==> flow/design.v <==
module gen_mul #(
    parameter integer NBITS = 18
) (
    input wire core_clk,
    input wire RSTN,
    input wire [NBITS-1:0] rs1,
    input wire [NBITS-1:0] rs2,
    output wire [2*NBITS-1:0] result
);
    reg [NBITS-1:0] rs1_reg;
    reg [NBITS-1:0] rs2_reg;
    always @(posedge core_clk) begin
        if (~RSTN) begin
            rs1_reg <= 0;
            rs2_reg <= 0;
        end else begin
            rs1_reg <= rs1;
            rs2_reg <= rs2;
        end
    end
    localparam HALF = NBITS / 2;
    wire [NBITS-1:0] ll;
    mul_part #(.N(HALF)) unit (.a(rs1_reg[HALF-1:0]), .b(rs2_reg[HALF-1:0]), .p(ll));
    wire [NBITS-1:0] lh;
    mul_part #(.N(HALF)) u0 (.a(rs1_reg[HALF-1:0]), .b(rs2_reg[NBITS-1:HALF]), .p(lh));
    wire [NBITS-1:0] hl;
    mul_part #(.N(HALF)) u (.a(rs1_reg[NBITS-1:HALF]), .b(rs2_reg[HALF-1:0]), .p(hl));
    wire [NBITS-1:0] hh;
    mul_part #(.N(HALF)) inst (.a(rs1_reg[NBITS-1:HALF]), .b(rs2_reg[NBITS-1:HALF]), .p(hh));
    wire [NBITS:0] part;
    assign part = lh + hl;
    assign result = {hh, ll} + {part, {HALF{1'b0}}};
endmodule
module mul_part #(parameter N = 4) (
    input wire [N-1:0] a,
    input wire [N-1:0] b,
    output wire [2*N-1:0] p
);
    assign p = a * b;
endmodule
Reports on gen_mul. What the tools print for gen_mul, step after step. Line numbers count from 1 in the design file above. Library cell names are shortened. A cell with n/a has no value.

Top module: gen_mul. Clock: core_clk. Cell library: sky130hd. Library corner: tt_025C_1v80.

Elaborated design. Yosys after proc, flatten, opt, wreduce and memory -nomap, before mapping. Enables and synchronous resets that opt folds into registers are not counted as muxes. Memory bits, and registers merged into a memory's read port (data or address), are not among the register bits. Print and check cells are not counted. Equal cells are merged and count once.

Under $add $sub $neg stands 2. For multiply operators the number is 4. The entry for divide/modulo/power cells reads 0. Under magnitude comparators stands 0. Equal/unequal tests: 0. For shift-type cells the number is 0. Under muxes and demuxes stands 0. For bitwise gates (word level) the number is 0. Under reduce/logical cells stands 0.

Operators by type and width (count): multiplier 9 x 9 -> 18 bit (4); adder 36 x 28 -> 36 bit (1); adder 18 x 18 -> 19 bit (1).

For flip-flop bits (word level) the number is 36. The entry for latch bits reads 0. The entry for bits in writable memories reads 0. Under bits in read-only memories stands 0. The figure for clocked read ports x word width is 0. Under memories kept stands 0. Under bits of input ports stands 38. The entry for cells after elaboration reads 8.

Depth. Depth = most cells in a row (Yosys ltp): at word level without a register or memory, in the mapped netlist without a sequential cell, where the memories' decode and read muxes count.

The entry for depth in word-level cells reads 3. For ABC_AREA the number is 0. Gate-level depth with buffers: 32. Mapped depth without buffers: 29.

Mapped cells and area. The flow's flattened synthesis, as Yosys stat reports it; memories are mapped. The netlist is that of the ABC_AREA named above (0 if unset); the other value can give another one.

Cell count: 1451. The figure for mapped area is 12548.3 µm². Under sequential area stands 720.7 µm². The figure for mapped flip-flops is 36. The figure for buffers is 52.

Cell types (count): fa_1 (228); ha_1 (169); inv_1 (300); and2_1 (177); nand2_1 (209); dfxtp_1 (36); xnor2_1 (41); clkbuf_1 (50); a21oi_1 (32); xor2_1 (18); a21o_1 (20); nor2_1 (32); o21ai_0 (19); nor3_1 (17); a211oi_1 (7); o21a_1 (7); o31ai_1 (6); nand3_1 (8).

Other cell types: 41; their cells: 75. By module: a second synthesis without flattening, with its own total; a netlist apart from the flattened one above.

Cell total of the unflattened synthesis: 1586. The entry for area (unflattened synthesis) reads 13536.7 µm².

Rows give one instance, submodules left out.

By module: mul_part (N=9) (times used 4, cells 317, area 2686.3 µm²); gen_mul (times used 1, cells 318, area 2791.4 µm²).

Path before layout. OpenSTA on the mapped netlist: ideal clock, no wires. The path of least setup slack (recovery checks aside). Input and output delay are each 20% of the period. Register names are those of the netlist, which keeps one name where synthesis merged equal registers.

Path kind: register to output. Start point: reg rs1_reg[5]. End point: out result[33]. For clock period the number is 11.1 ns. The entry for external output delay reads 2.220 ns. Launch time at the first pin: 0.000 ns. For arrival time the number is 7.113 ns. Under setup slack stands 1.767 ns. The entry for path delay reads 7.113 ns. Stages: 29. The figure for synthesis period reached is 9.333 ns.

"path delay" = arrival - input delay + setup time. At an output port there is no setup time. "stages" counts driving pins, that of a launching flip-flop among them; a cell with two outputs on the path counts twice. "synthesis period reached" is the clock period less the worst setup slack; recovery checks do not enter. This is arithmetic on one report: input and output delays are still those of the set period (20% each). Between the ends stands the longest chain of elaborated cells between them, by number of cells; it is not shown to be the way that was timed. Of several equally long chains one is given. A line is the first line of the expression or statement that the cell stems from. Yosys adds cells for indexed reads and writes and turns some case tables into memories.

Cell sequence: dfxtp_1 clkbuf_1 clkbuf_1 nand2_1 fa_1 fa_1 inv_1 fa_1 fa_1 fa_1 inv_1 fa_1 inv_1 ha_1 a21oi_1 a21oi_1 o21ai_0 a21oi_1 nand3b_1 ha_1 buf_6 a21o_1 a31o_1 a221o_1 a31oi_4 a21oi_2 a2111oi_4 nor3b_1 xnor2_1. The figure for length of the longest elaborated chain is 3.

Ends and longest elaborated chain, post-synthesis: from (decl) (line 10) `reg [NBITS-1:0] rs1_reg;`; from (assign) (line 14) `rs1_reg <= 0;`; from (assign) (line 17) `rs1_reg <= rs1;`; multiplier 9 x 9 -> 18 bit (line 39) `assign p = a * b;`; adder 18 x 18 -> 19 bit (line 31) `assign part = lh + hl;`; adder 36 x 28 -> 36 bit (line 32) `assign result = {hh, ll} + {part, {HALF{1'b0}}};`; to (decl) (line 8) `output wire [2*NBITS-1:0] result`.

Timing after layout. From the final timing report of job 2: the path of least setup slack in the routed layout; clock arrival at registers is part of the times.

Path kind: register to output. Start point: reg rs1_reg[10]. End point: out result[29]. For clock period the number is 11.1 ns. The entry for external output delay reads 2.22 ns. Launch time at the first pin: 0.28 ns. For arrival time the number is 8.40 ns. Under setup slack stands 0.48 ns. Stages: 29.

Between the ends stands the longest chain of elaborated cells between them, by number of cells; it is not shown to be the way that was timed. Of several equally long chains one is given.

Cell sequence: dfxtp_1 and2_1 fa_1 ha_1 ha_1 inv_1 fa_1 fa_1 inv_1 fa_1 ha_1 nor2b_1 o21ai_0 a21boi_0 o211ai_1 a21oi_1 o21ai_0 a21oi_1 nand3b_1 ha_1 a21o_1 a31o_1 a221o_1 a31oi_4 a21oi_2 a2111oi_4 nand2b_1 xnor2_1 clkdlybuf4s50_1. The figure for length of the longest elaborated chain is 3.

Ends and longest elaborated chain, post-layout: from (decl) (line 10) `reg [NBITS-1:0] rs1_reg;`; from (assign) (line 14) `rs1_reg <= 0;`; from (assign) (line 17) `rs1_reg <= rs1;`; multiplier 9 x 9 -> 18 bit (line 39) `assign p = a * b;`; adder 18 x 18 -> 19 bit (line 31) `assign part = lh + hl;`; adder 36 x 28 -> 36 bit (line 32) `assign result = {hh, ll} + {part, {HALF{1'b0}}};`; to (decl) (line 8) `output wire [2*NBITS-1:0] result`.

Data sheet: physical implementation of gen_mul

Design gen_mul on sky130hd. What follows are 3 stored runs of the flow, each under its own settings; their order means nothing. The constraints put input and output delay at 20% of the set period each and load the outputs with 0.01 pF. By "achieved period" is meant the clock period of the run minus its worst setup slack. This is arithmetic on one report: input and output delays are still those of the set period (20% each). "worst path time" means the part of the period allowed to the worst setup path (the constraints hold back 20% at inputs and 20% at outputs) less its slack; where the path has registers, the arrival times of their clocks count too. "total power of the final layout" is the tool's figure for a default switching activity; nothing was simulated.

Job 1 has these settings: period_ns 7.22; CORE_UTILIZATION 55; SETUP_SLACK_MARGIN 1.91; PLACE_DENSITY_LB_ADDON 0.02; CORE_ASPECT_RATIO 1.2; CORE_MARGIN 7; CELL_PAD_IN_SITES_DETAIL_PLACEMENT 2; GPL_TIMING_DRIVEN 0; GPL_ROUTABILITY_DRIVEN 0; CTS_CLUSTER_SIZE 81; CTS_CLUSTER_DIAMETER 31; CAP_MARGIN 20; SLEW_MARGIN 20. Outcome: did not finish, placement stopped with DPL-0033.

Job 2 has these settings: period_ns 11.1; CAP_MARGIN 20; CORE_MARGIN 2; CORE_UTILIZATION 40; SLEW_MARGIN 20. For the Yosys chip area after synthesis the run shows 12548.3 µm². The overall die area reads 32802.6 µm². The standard-cell area after layout comes to 13927.1 µm². For the utilization in the final report the run shows 0.453. The worst setup slack after layout reads 0.477 ns. The setup total negative slack comes to 0.000 ns. The worst hold slack after layout stands at 2.447 ns. The total power of the final layout stands at 1.362 mW. The achieved period is 10.623 ns. The worst path time comes to 8.40 ns. Worst path kind: register to output.

Job 3 has these settings: period_ns 8.31; CORE_UTILIZATION 29; PLACE_DENSITY_LB_ADDON 0.27; CORE_ASPECT_RATIO 0.85; CORE_MARGIN 5; ABC_AREA 1; CTS_CLUSTER_DIAMETER 329; CAP_MARGIN 25; SLEW_MARGIN 10; MAX_ROUTING_LAYER met5. For the Yosys chip area after synthesis the run shows 13426.6 µm². The overall die area reads 50716.6 µm². The standard-cell area after layout comes to 16722.3 µm². For the utilization in the final report the run shows 0.366. The worst setup slack after layout reads 0.095 ns. The setup total negative slack comes to 0.000 ns. The worst hold slack after layout stands at 1.909 ns. The total power of the final layout stands at 2.507 mW. The achieved period is 8.215 ns. The worst path time comes to 6.55 ns. Worst path kind: register to output.
